==> flow/design.v <==
module core_times #(
    parameter BITS = 14,
    parameter NUM = 3,
    parameter RES_W = 2*BITS + $clog2(NUM)
) (
    input  wire clk_i,
    input  wire aresetn,
    input  wire ce,
    input  wire [NUM*BITS-1:0] in_a,
    input  wire [NUM*BITS-1:0] in_b,
    output reg [RES_W-1:0] out_m
);
    reg [NUM*BITS-1:0] a_s;
    always @(posedge clk_i or negedge aresetn) begin
        if (~aresetn) begin
            a_s <= 0;
        end else if (ce) begin
            a_s <= in_a;
        end
    end
    reg [NUM*BITS-1:0] b_s;
    always @(posedge clk_i or negedge aresetn) begin
        if (~aresetn) begin
            b_s <= 0;
        end else if (ce) begin
            b_s <= in_b;
        end
    end
    reg [RES_W-1:0] r;
    integer n;
    always @* begin
        r = 0;
        for (n = 0; n < NUM; n = n + 1)
            r = r + a_s[n*BITS +: BITS] * b_s[n*BITS +: BITS];
    end
    always @(posedge clk_i or negedge aresetn) begin
        if (~aresetn) begin
            out_m <= 0;
        end else if (ce) begin
            out_m <= r;
        end
    end
endmodule
== Reports on core_times ==
The steps from the RTL of core_times to its reports follow in flow order.
Lines are those of the file above, counted from 1.
A cell with n/a has no value.

* Top: core_times
* Clock: clk_i
* Standard-cell library: sky130hd
* Library corner: tt_025C_1v80

== Word-level counts ==
Yosys after proc, flatten, opt, wreduce and memory -nomap, before mapping. Enables and synchronous resets that opt folds into registers are not counted as muxes. Memory bits, and registers merged into a memory's read port (data or address), are not among the register bits. Print and check cells are not counted. Equal cells are merged and count once.

* Add/sub/neg operators: 2
* Multiply operators: 3

{| class="wikitable"
|+ Operators with widths
! operator !! count
|-
| multiplier 14 x 14 -> 28 bit || 3
|-
| adder 29 x 28 -> 30 bit || 1
|-
| adder 28 x 28 -> 29 bit || 1
|}

* Output and inout port bits: 30
* Flip-flop bits (word level): 114
* Cells after elaboration: 8
* Bits of input ports: 87

== Longest topological paths ==
Longest topological path by Yosys (ltp), each cell counted once; first at word level (registers and memories cut), then after technology mapping (sequential cells cut; the memories' decode and read muxes count).

* Depth after elaboration: 3
* ABC_AREA: 0
* Mapped depth: 28
* Depth with buffers taken out: 26

== Synthesis result ==
Yosys stat after the flow's synthesis: flattened, memories mapped to cells. It holds for the ABC_AREA given above (unset counts as 0); a run with the other value may have another netlist.
The area totals of this step are shown rounded.

* Standard cells after synthesis: 2487
* Cell area after synthesis: 25000 um2
* Buffer cells: 103
* Sequential area: 2900 um2
* Mapped flip-flops: 114

{| class="wikitable"
|+ Cells by type
! cell !! count !! area in all (um2)
|-
| sky130_fd_sc_hd__fa_1 || 535 || 1.07E+04
|-
| sky130_fd_sc_hd__dfrtp_1 || 114 || 2.85E+03
|-
| sky130_fd_sc_hd__ha_1 || 219 || 2.74E+03
|-
| sky130_fd_sc_hd__inv_1 || 635 || 2.38E+03
|-
| sky130_fd_sc_hd__and2_1 || 354 || 2.21E+03
|-
| sky130_fd_sc_hd__mux2_2 || 101 || 1.14E+03
|-
| sky130_fd_sc_hd__nand2_1 || 257 || 964.675
|-
| sky130_fd_sc_hd__clkbuf_1 || 98 || 367.853
|-
| sky130_fd_sc_hd__xnor2_1 || 16 || 140.134
|-
| sky130_fd_sc_hd__a21oi_1 || 23 || 115.11
|-
| sky130_fd_sc_hd__nor2_1 || 22 || 82.579
|-
| sky130_fd_sc_hd__a21o_1 || 8 || 60.058
|-
| sky130_fd_sc_hd__o21ai_0 || 11 || 55.053
|-
| sky130_fd_sc_hd__o21a_1 || 7 || 52.55
|-
| sky130_fd_sc_hd__nand3_1 || 9 || 45.043
|-
| sky130_fd_sc_hd__nand4_1 || 7 || 43.792
|-
| sky130_fd_sc_hd__xor2_1 || 4 || 35.034
|-
| sky130_fd_sc_hd__a2111oi_4 || 1 || 27.526
|}

Other cell types: 41; their cells: 66.

== Worst setup path after synthesis ==
Source: OpenSTA report_checks on the synthesized netlist (no wires, ideal clock, input and output delay 20% of the period each), path of least setup slack; recovery checks are left aside. Register names are those of the netlist, which keeps one name where synthesis merged equal registers.

* Kind: register to register
* From: register b_s[6]
* To: register out_m[25]
* Library setup time: 125 ps
* Path buffers: 2
* Clock period: 8600 ps
* Driving pins on the path: 26
* Time at the first pin: 0 ps
* Slack: 1723 ps
* Required time: 8475 ps
* Path delay: 6877 ps
* Data arrival time: 6752 ps
* Synthesis period reached: 6877 ps

"path delay" is the arrival time less input delay plus setup time.
"driving pins on the path": output pins that drive a net of the path, with the launching flip-flop's if there is one; two outputs of one cell count as two.
"synthesis period reached" is the clock period less the worst setup slack; recovery checks do not enter. This is arithmetic on one report: input and output delays are still those of the set period (20% each).
The rows between start and end are the longest chain of elaborated cells between them; the timing report does not say that the signal goes this way. Where chains are equally long, one stands for them.
Each line given opens the expression or statement behind the cell; cells for indexed reads and writes are added by Yosys, which also makes memories of some case tables.

* Path through: sky130_fd_sc_hd__dfrtp_1 -> sky130_fd_sc_hd__clkbuf_1 -> sky130_fd_sc_hd__nand2_1 -> sky130_fd_sc_hd__fa_1 -> sky130_fd_sc_hd__inv_1 -> sky130_fd_sc_hd__fa_1 -> sky130_fd_sc_hd__fa_1 -> sky130_fd_sc_hd__inv_1 -> sky130_fd_sc_hd__fa_1 -> sky130_fd_sc_hd__fa_1 -> sky130_fd_sc_hd__inv_1 -> sky130_fd_sc_hd__fa_1 -> sky130_fd_sc_hd__fa_1 -> sky130_fd_sc_hd__inv_1 -> sky130_fd_sc_hd__fa_1 -> sky130_fd_sc_hd__inv_1 -> sky130_fd_sc_hd__ha_1 -> sky130_fd_sc_hd__buf_6 -> sky130_fd_sc_hd__and3_1 -> sky130_fd_sc_hd__a221oi_2 -> sky130_fd_sc_hd__and4b_1 -> sky130_fd_sc_hd__nand3_2 -> sky130_fd_sc_hd__a211oi_2 -> sky130_fd_sc_hd__o31a_4 -> sky130_fd_sc_hd__xnor2_1 -> sky130_fd_sc_hd__mux2_4
* Length of the longest elaborated chain: 3
* Elaborated cells between the ends (all ways): 3
* Source lines of those cells: 1
* Those cells by class: add/sub: 2; mul: 1

{| class="wikitable"
|+ Ends and longest elaborated chain, after synthesis
! item !! RTL line !! source
|-
| start, declared || 21 || <nowiki>reg [NUM*BITS-1:0] b_s;</nowiki>
|-
| start, assigned || 24 || <nowiki>b_s <= 0;</nowiki>
|-
| start, assigned || 26 || <nowiki>b_s <= in_b;</nowiki>
|-
| multiplier 14 x 14 -> 28 bit || 34 || <nowiki>r = r + a_s[n*BITS +: BITS] * b_s[n*BITS +: BITS];</nowiki>
|-
| adder 28 x 28 -> 29 bit || 34 ||
|-
| adder 29 x 28 -> 30 bit || 34 ||
|-
| end, assigned || 38 || <nowiki>out_m <= 0;</nowiki>
|-
| end, assigned || 40 || <nowiki>out_m <= r;</nowiki>
|-
| end, declared || 11 || <nowiki>output reg [RES_W-1:0] out_m</nowiki>
|}

== Timing after layout ==
From the final timing report of record 1: the path of least setup slack in the routed layout; clock arrival at registers is part of the times.
The path's times are printed in steps of 10 ps; the period is the one set.

* Kind: register to register
* From: register a_s[38]
* To: register out_m[25]
* Driving pins on the path: 24
* Slack: 910 ps
* Data arrival time: 8070 ps
* Clock period: 8600 ps
* Time at the first pin: 500 ps
* Required time: 8980 ps
* Library setup time: 110 ps
* Path buffers: 0

The rows between start and end are the longest chain of elaborated cells between them; the timing report does not say that the signal goes this way. Where chains are equally long, one stands for them.

* Path through: sky130_fd_sc_hd__dfrtp_1 -> sky130_fd_sc_hd__nand2_1 -> sky130_fd_sc_hd__fa_1 -> sky130_fd_sc_hd__inv_1 -> sky130_fd_sc_hd__fa_1 -> sky130_fd_sc_hd__inv_1 -> sky130_fd_sc_hd__fa_1 -> sky130_fd_sc_hd__inv_1 -> sky130_fd_sc_hd__fa_1 -> sky130_fd_sc_hd__fa_1 -> sky130_fd_sc_hd__fa_1 -> sky130_fd_sc_hd__fa_1 -> sky130_fd_sc_hd__inv_1 -> sky130_fd_sc_hd__fa_1 -> sky130_fd_sc_hd__inv_1 -> sky130_fd_sc_hd__ha_1 -> sky130_fd_sc_hd__and4_1 -> sky130_fd_sc_hd__and2_1 -> sky130_fd_sc_hd__o2111ai_2 -> sky130_fd_sc_hd__nand3_2 -> sky130_fd_sc_hd__a211oi_2 -> sky130_fd_sc_hd__o31a_4 -> sky130_fd_sc_hd__xnor2_1 -> sky130_fd_sc_hd__mux2_4
* Length of the longest elaborated chain: 2
* Elaborated cells between the ends (all ways): 2
* Source lines of those cells: 1
* Those cells by class: add/sub: 1; mul: 1

{| class="wikitable"
|+ Ends and longest elaborated chain, post-layout
! item !! RTL line !! source
|-
| start, declared || 13 || <nowiki>reg [NUM*BITS-1:0] a_s;</nowiki>
|-
| start, assigned || 16 || <nowiki>a_s <= 0;</nowiki>
|-
| start, assigned || 18 || <nowiki>a_s <= in_a;</nowiki>
|-
| multiplier 14 x 14 -> 28 bit || 34 || <nowiki>r = r + a_s[n*BITS +: BITS] * b_s[n*BITS +: BITS];</nowiki>
|-
| adder 29 x 28 -> 30 bit || 34 ||
|-
| end, assigned || 38 || <nowiki>out_m <= 0;</nowiki>
|-
| end, assigned || 40 || <nowiki>out_m <= r;</nowiki>
|-
| end, declared || 11 || <nowiki>output reg [RES_W-1:0] out_m</nowiki>
|}

Subject: flow runs of core_times

Hi,

Module core_times, platform sky130hd: 2 stored runs of the flow (Yosys, OpenROAD) with differing settings, in no particular order. Input and output delays are each 20% of the period that was set; the output load is 0.01 pF.
"clock period reached" means the clock period less the worst setup slack. The figure is calculated, with input and output delays left at 20% of the set period.
"time of the worst setup path" = time allowed to the worst setup path (clock period - input delay - output delay, where it has them) - its slack; a late launch clock adds to it, a late capture clock takes from it.
"time of the worst setup path" is given in steps of 10 ps.
The measured numbers are rounded.

=== Record 1 ===
{| class="wikitable"
! Setting !! Value
|-
| period_ns || 8.6
|-
| CAP_MARGIN || 20
|-
| CORE_MARGIN || 2
|-
| CORE_UTILIZATION || 40
|-
| SLEW_MARGIN || 20
|-
! Result !! Value
|-
| Netlist area reported by Yosys || 25000 um2
|-
| Time of the worst setup path || 7690 ps
|-
| Type of the worst setup path || register to register
|-
| Worst setup slack after layout || 910 ps
|-
| Standard-cell area after layout || 27000 um2
|-
| Final setup TNS || 0 ps
|-
| Total die area || 63000 um2
|-
| Utilization in the final report || 0.45
|-
| Clock period reached || 7689 ps
|}

=== Record 2 ===
{| class="wikitable"
! Setting !! Value
|-
| period_ns || 5.0
|-
| CORE_UTILIZATION || 38
|-
| SETUP_SLACK_MARGIN || 0.96
|-
| PLACE_DENSITY_LB_ADDON || 0.3
|-
| HOLD_SLACK_MARGIN || 0.0
|-
| CORE_MARGIN || 9
|-
| TNS_END_PERCENT || 55
|-
| GPL_TIMING_DRIVEN || 0
|-
| CTS_CLUSTER_SIZE || 46
|-
| CTS_CLUSTER_DIAMETER || 157
|-
| CAP_MARGIN || 30
|-
| SLEW_MARGIN || 10
|-
| MIN_ROUTING_LAYER || met1
|-
| MAX_ROUTING_LAYER || met4
|-
! Result !! Value
|-
| Total die area || 74000 um2
|-
| Utilization in the final report || 0.47
|-
| Time of the worst setup path || 7240 ps
|-
| Type of the worst setup path || register to register
|-
| Netlist area reported by Yosys || 25000 um2
|-
| Worst setup slack after layout || -2200 ps
|-
| Clock period reached || 7239 ps
|-
| Standard-cell area after layout || 30000 um2
|-
| Final setup TNS || -42000 ps
|}

Regards
